==> flow/design.v <==
module ex_shft_p #(
  parameter integer WIDTH = 8,
  parameter integer LG = $clog2(WIDTH)
) (
  input  wire sys_clk,
  input  wire [WIDTH-1:0] bus_i,
  input  wire [LG-1:0] by_i,
  output reg [WIDTH-1:0] o_o
);
  reg [WIDTH-1:0] bus_d1;
  reg [LG-1:0] by_d1;
  always @(posedge sys_clk) begin
    bus_d1 <= bus_i;
    by_d1 <= by_i;
  end
  wire [WIDTH-1:0] n_ [0:LG];
  assign n_[0] = bus_d1;
  genvar g;
  generate
    for (g = 0; g < LG; g = g + 1) begin : lane
      assign n_[g+1] = by_d1[g] ? (n_[g] << (1 << g)) | (n_[g] >> (WIDTH - (1 << g))) : n_[g];
    end
  endgenerate
  always @(posedge sys_clk) begin
    o_o <= n_[LG];
  end
endmodule
---- Step by step through the tools: ex_shft_p ----
What the tools print for ex_shft_p, step after step.
Lines are those of the file above, counted from 1.
The mark -- stands for no value.
set-up
  top ..................................... ex_shft_p
  clock ................................... sys_clk
  library ................................. sky130hd
  library corner .......................... tt_025C_1v80

---- Word level ----
Source: Yosys, flattened and elaborated. Widths are those after wreduce; folded enables and synchronous resets count as part of the registers. Registers that Yosys merges into a memory's read port (data or address) are not register bits. Print and check cells do not count. Equal cells are merged and count once.
storage and ports
  latch bits .............................. 0
  word width x clocked read ports ......... 0
  memory cells ............................ 0
  output and inout port bits .............. 8
  input bits .............................. 12
  memory bits (writable) .................. 0
  bits in read-only memories .............. 0
  flip-flop bits (word level) ............. 19
cells by class
  multiply operators ...................... 0
  muxes and demuxes ....................... 3
  bitwise operators ....................... 3
  magnitude comparators ................... 0
  divide/modulo/power cells ............... 0
  equal/unequal tests ..................... 0
  shifts and indexed selects .............. 0
  add/sub/neg operators ................... 0
  reduce/logical cells .................... 0
operator list
  cell                                 count
  8-bit two-way mux                    3
  8-bit by 1-bit OR with 8-bit output  1
  8-bit by 2-bit OR with 8-bit output  1
  8-bit by 4-bit OR with 8-bit output  1

---- Depth ----
Depth = most cells in a row (Yosys ltp): at word level without a register or memory, in the mapped netlist without a sequential cell, where the memories' decode and read muxes count.
logic depth
  word-level depth ........................ 6
  ABC_AREA ................................ 0
  mapped depth ............................ 3
  mapped depth without buffers ............ 2

---- Mapped cells and area ----
Source: synth_stat.txt of the flow (Yosys; design flattened, memories mapped). It holds for the ABC_AREA given above (unset counts as 0); a run with the other value may have another netlist.
cell types
  cell type                 count
  sky130_fd_sc_hd__dfxtp_1  19
  sky130_fd_sc_hd__mux4_1   8
  sky130_fd_sc_hd__mux2_2   8
  sky130_fd_sc_hd__buf_6    2
  sky130_fd_sc_hd__buf_1    1
synthesis totals
  cells in the netlist .................... 38
  buffer cells ............................ 3
  flip-flop cells ......................... 19
  synthesis area .......................... 0.0007069 mm^2

---- Timing after synthesis ----
Path of least setup slack by OpenSTA after synthesis, without wires, with an ideal clock, recovery checks aside; 20% of the period is set as input and as output delay. Where synthesis merged equal registers, the netlist keeps one of their names.
path after synthesis
  path type ............................... flip-flop to flip-flop
  start point ............................. register by_d1[0]
  end point ............................... register o_o[0]
  buffers on the path ..................... 1
  path delay .............................. 1.358 ns
  data arrival time ....................... 1.237 ns
  clock period ............................ 1.7 ns
  driving pins on the path ................ 4
  data required time ...................... 1.579 ns
  slack ................................... 0.343 ns
  synthesis period reached ................ 1.357 ns
"path delay" = arrival - input delay + setup time.
"driving pins on the path" counts driving pins, that of a launching flip-flop among them; a cell with two outputs on the path counts twice.
"synthesis period reached" = period - worst setup slack (recovery checks aside). The figure is calculated, with input and output delays left at 20% of the set period.
The rows between start and end are the longest chain of elaborated cells between them; the timing report does not say that the signal goes this way. Where chains are equally long, one stands for them.
Each line given opens the expression or statement behind the cell; cells for indexed reads and writes are added by Yosys, which also makes memories of some case tables.
on the way, after synthesis
  cells stage by stage .................... sky130_fd_sc_hd__dfxtp_1 sky130_fd_sc_hd__buf_6 sky130_fd_sc_hd__mux4_1 sky130_fd_sc_hd__mux2_2
  length of the longest elaborated chain .. 5
  elaborated cells on any way between the ends .. 5
  RTL lines with such cells ............... 1
ends and longest elaborated chain, after synthesis
  item                                 line  RTL
  start: declaration                   11    reg [LG-1:0] by_d1;
  start: assignment                    14    by_d1 <= by_i;
  8-bit two-way mux                    21    assign n_[g+1] = by_d1[g] ? (n_[g] << (1 << g)) | (n_[g] >> (WIDTH - (1 << g))) : n_[g];
  8-bit by 2-bit OR with 8-bit output  21
  8-bit two-way mux                    21
  8-bit by 4-bit OR with 8-bit output  21
  8-bit two-way mux                    21
  end: assignment                      25    o_o <= n_[LG];
  end: declaration                     8     output reg [WIDTH-1:0] o_o

---- Worst path after layout ----
From the final timing report of stored run 1: the path of least setup slack in the routed layout; clock arrival at registers is part of the times.
path after layout
  path type ............................... flip-flop to flip-flop
  start point ............................. register by_d1[0]
  end point ............................... register o_o[6]
  clock period ............................ 1.7 ns
  data required time ...................... 1.89 ns
  slack ................................... 0.12 ns
  data arrival time ....................... 1.77 ns
  driving pins on the path ................ 3
  buffers on the path ..................... 0
The rows between start and end are the longest chain of elaborated cells between them; the timing report does not say that the signal goes this way. Where chains are equally long, one stands for them.
on the way, after layout
  cells stage by stage .................... sky130_fd_sc_hd__dfxtp_1 sky130_fd_sc_hd__mux4_1 sky130_fd_sc_hd__mux2_2
  length of the longest elaborated chain .. 5
  elaborated cells on any way between the ends .. 5
  RTL lines with such cells ............... 1
ends and longest elaborated chain, after layout
  item                                 line  RTL
  start: declaration                   11    reg [LG-1:0] by_d1;
  start: assignment                    14    by_d1 <= by_i;
  8-bit two-way mux                    21    assign n_[g+1] = by_d1[g] ? (n_[g] << (1 << g)) | (n_[g] >> (WIDTH - (1 << g))) : n_[g];
  8-bit by 2-bit OR with 8-bit output  21
  8-bit two-way mux                    21
  8-bit by 4-bit OR with 8-bit output  21
  8-bit two-way mux                    21
  end: assignment                      25    o_o <= n_[LG];
  end: declaration                     8     output reg [WIDTH-1:0] o_o

Memo
Re: implementation data of ex_shft_p

Flow measurements of ex_shft_p on sky130hd: 3 stored runs with different settings, listed in no order. Input and output delays are each 20% of the period that was set; the output load is 0.01 pF.
By "time of the worst setup path" is meant the share of the clock period that the worst setup path is allowed (20% is reserved at inputs, 20% at outputs), minus its slack. Clock arrival times at its registers enter into it.
"power consumption" is the tool's figure for a default switching activity; nothing was simulated.

======== stored run 1 ========
==> flow/run.sh <==
#!/bin/bash
# the make line also repeats the synthesis and layout settings of config.mk as NAME=value (left out here)
make -C /OpenROAD-flow-scripts/flow DESIGN_CONFIG=/design/flow/config.mk WORK_HOME=/design/flow/orfs CLKGATE_MAP_FILE= finish
==> flow/config.mk <==
export PLATFORM = sky130hd
export DESIGN_NAME = ex_shft_p
export DESIGN_NICKNAME = ex_shft_p
export VERILOG_FILES = /design/flow/design.v
export SDC_FILE = /design/flow/constraint.sdc
export NUM_CORES = 4
export LEC_CHECK = 0
export CAP_MARGIN = 20
export CORE_MARGIN = 2
export CORE_UTILIZATION = 40
export SLEW_MARGIN = 20
==> flow/constraint.sdc <==
create_clock -name core_clock -period 1.7 [get_ports {sys_clk}]
set_input_delay 0.3400 -clock core_clock [delete_from_list [all_inputs] [get_ports {sys_clk}]]
set_output_delay 0.3400 -clock core_clock [all_outputs]
set_load 0.01 [all_outputs]

-------- measured, stored run 1 --------
  time of the worst setup path ............ 1.58 ns
  worst setup path type ................... flip-flop to flip-flop
  area of the standard cells in the finished layout .. 0.0009271 mm^2
  chip area in the Yosys report ........... 0.0007069 mm^2
  full die area ........................... 0.0021197 mm^2
  smallest hold slack ..................... 0.480 ns
  power consumption ....................... 881.7 µW
  smallest setup slack .................... 0.124 ns

======== stored run 2 ========
==> flow/run.sh <==
#!/bin/bash
# the make line also repeats the synthesis and layout settings of config.mk as NAME=value (left out here)
make -C /OpenROAD-flow-scripts/flow DESIGN_CONFIG=/design/flow/config.mk WORK_HOME=/design/flow/orfs CLKGATE_MAP_FILE= finish
==> flow/config.mk <==
export PLATFORM = sky130hd
export DESIGN_NAME = ex_shft_p
export DESIGN_NICKNAME = ex_shft_p
export VERILOG_FILES = /design/flow/design.v
export SDC_FILE = /design/flow/constraint.sdc
export NUM_CORES = 4
export LEC_CHECK = 0
export ABC_AREA = 1
export CAP_MARGIN = 25
export CELL_PAD_IN_SITES_DETAIL_PLACEMENT = 2
export CELL_PAD_IN_SITES_GLOBAL_PLACEMENT = 3
export CORE_MARGIN = 2
export CORE_UTILIZATION = 70
export CTS_CLUSTER_SIZE = 72
export MAX_ROUTING_LAYER = met5
export PLACE_DENSITY_LB_ADDON = 0.27
export SLEW_MARGIN = 25
export TNS_END_PERCENT = 65
==> flow/constraint.sdc <==
create_clock -name core_clock -period 1.36 [get_ports {sys_clk}]
set_input_delay 0.2720 -clock core_clock [delete_from_list [all_inputs] [get_ports {sys_clk}]]
set_output_delay 0.2720 -clock core_clock [all_outputs]
set_load 0.01 [all_outputs]

-------- stored run 2 --------
  stopped before the end: placement reported FLW-0024

======== stored run 3 ========
==> flow/run.sh <==
#!/bin/bash
# the make line also repeats the synthesis and layout settings of config.mk as NAME=value (left out here)
make -C /OpenROAD-flow-scripts/flow DESIGN_CONFIG=/design/flow/config.mk WORK_HOME=/design/flow/orfs CLKGATE_MAP_FILE= finish
==> flow/config.mk <==
export PLATFORM = sky130hd
export DESIGN_NAME = ex_shft_p
export DESIGN_NICKNAME = ex_shft_p
export VERILOG_FILES = /design/flow/design.v
export SDC_FILE = /design/flow/constraint.sdc
export NUM_CORES = 4
export LEC_CHECK = 0
export ABC_AREA = 0
export CAP_MARGIN = 20
export CELL_PAD_IN_SITES_GLOBAL_PLACEMENT = 0
export CORE_MARGIN = 8
export CORE_UTILIZATION = 58
export CTS_CLUSTER_DIAMETER = 192
export PLACE_DENSITY_LB_ADDON = 0.26
export SETUP_SLACK_MARGIN = 0.13
export SLEW_MARGIN = 0
==> flow/constraint.sdc <==
create_clock -name core_clock -period 1.52 [get_ports {sys_clk}]
set_input_delay 0.3040 -clock core_clock [delete_from_list [all_inputs] [get_ports {sys_clk}]]
set_output_delay 0.3040 -clock core_clock [all_outputs]
set_load 0.01 [all_outputs]

-------- measured, stored run 3 --------
  area of the standard cells in the finished layout .. 0.0008996 mm^2
  smallest setup slack .................... 0.164 ns
  smallest hold slack ..................... 0.432 ns
  time of the worst setup path ............ 1.36 ns
  worst setup path type ................... flip-flop to flip-flop
  power consumption ....................... 974.8 µW
  full die area ........................... 0.0025918 mm^2
  chip area in the Yosys report ........... 0.0007069 mm^2
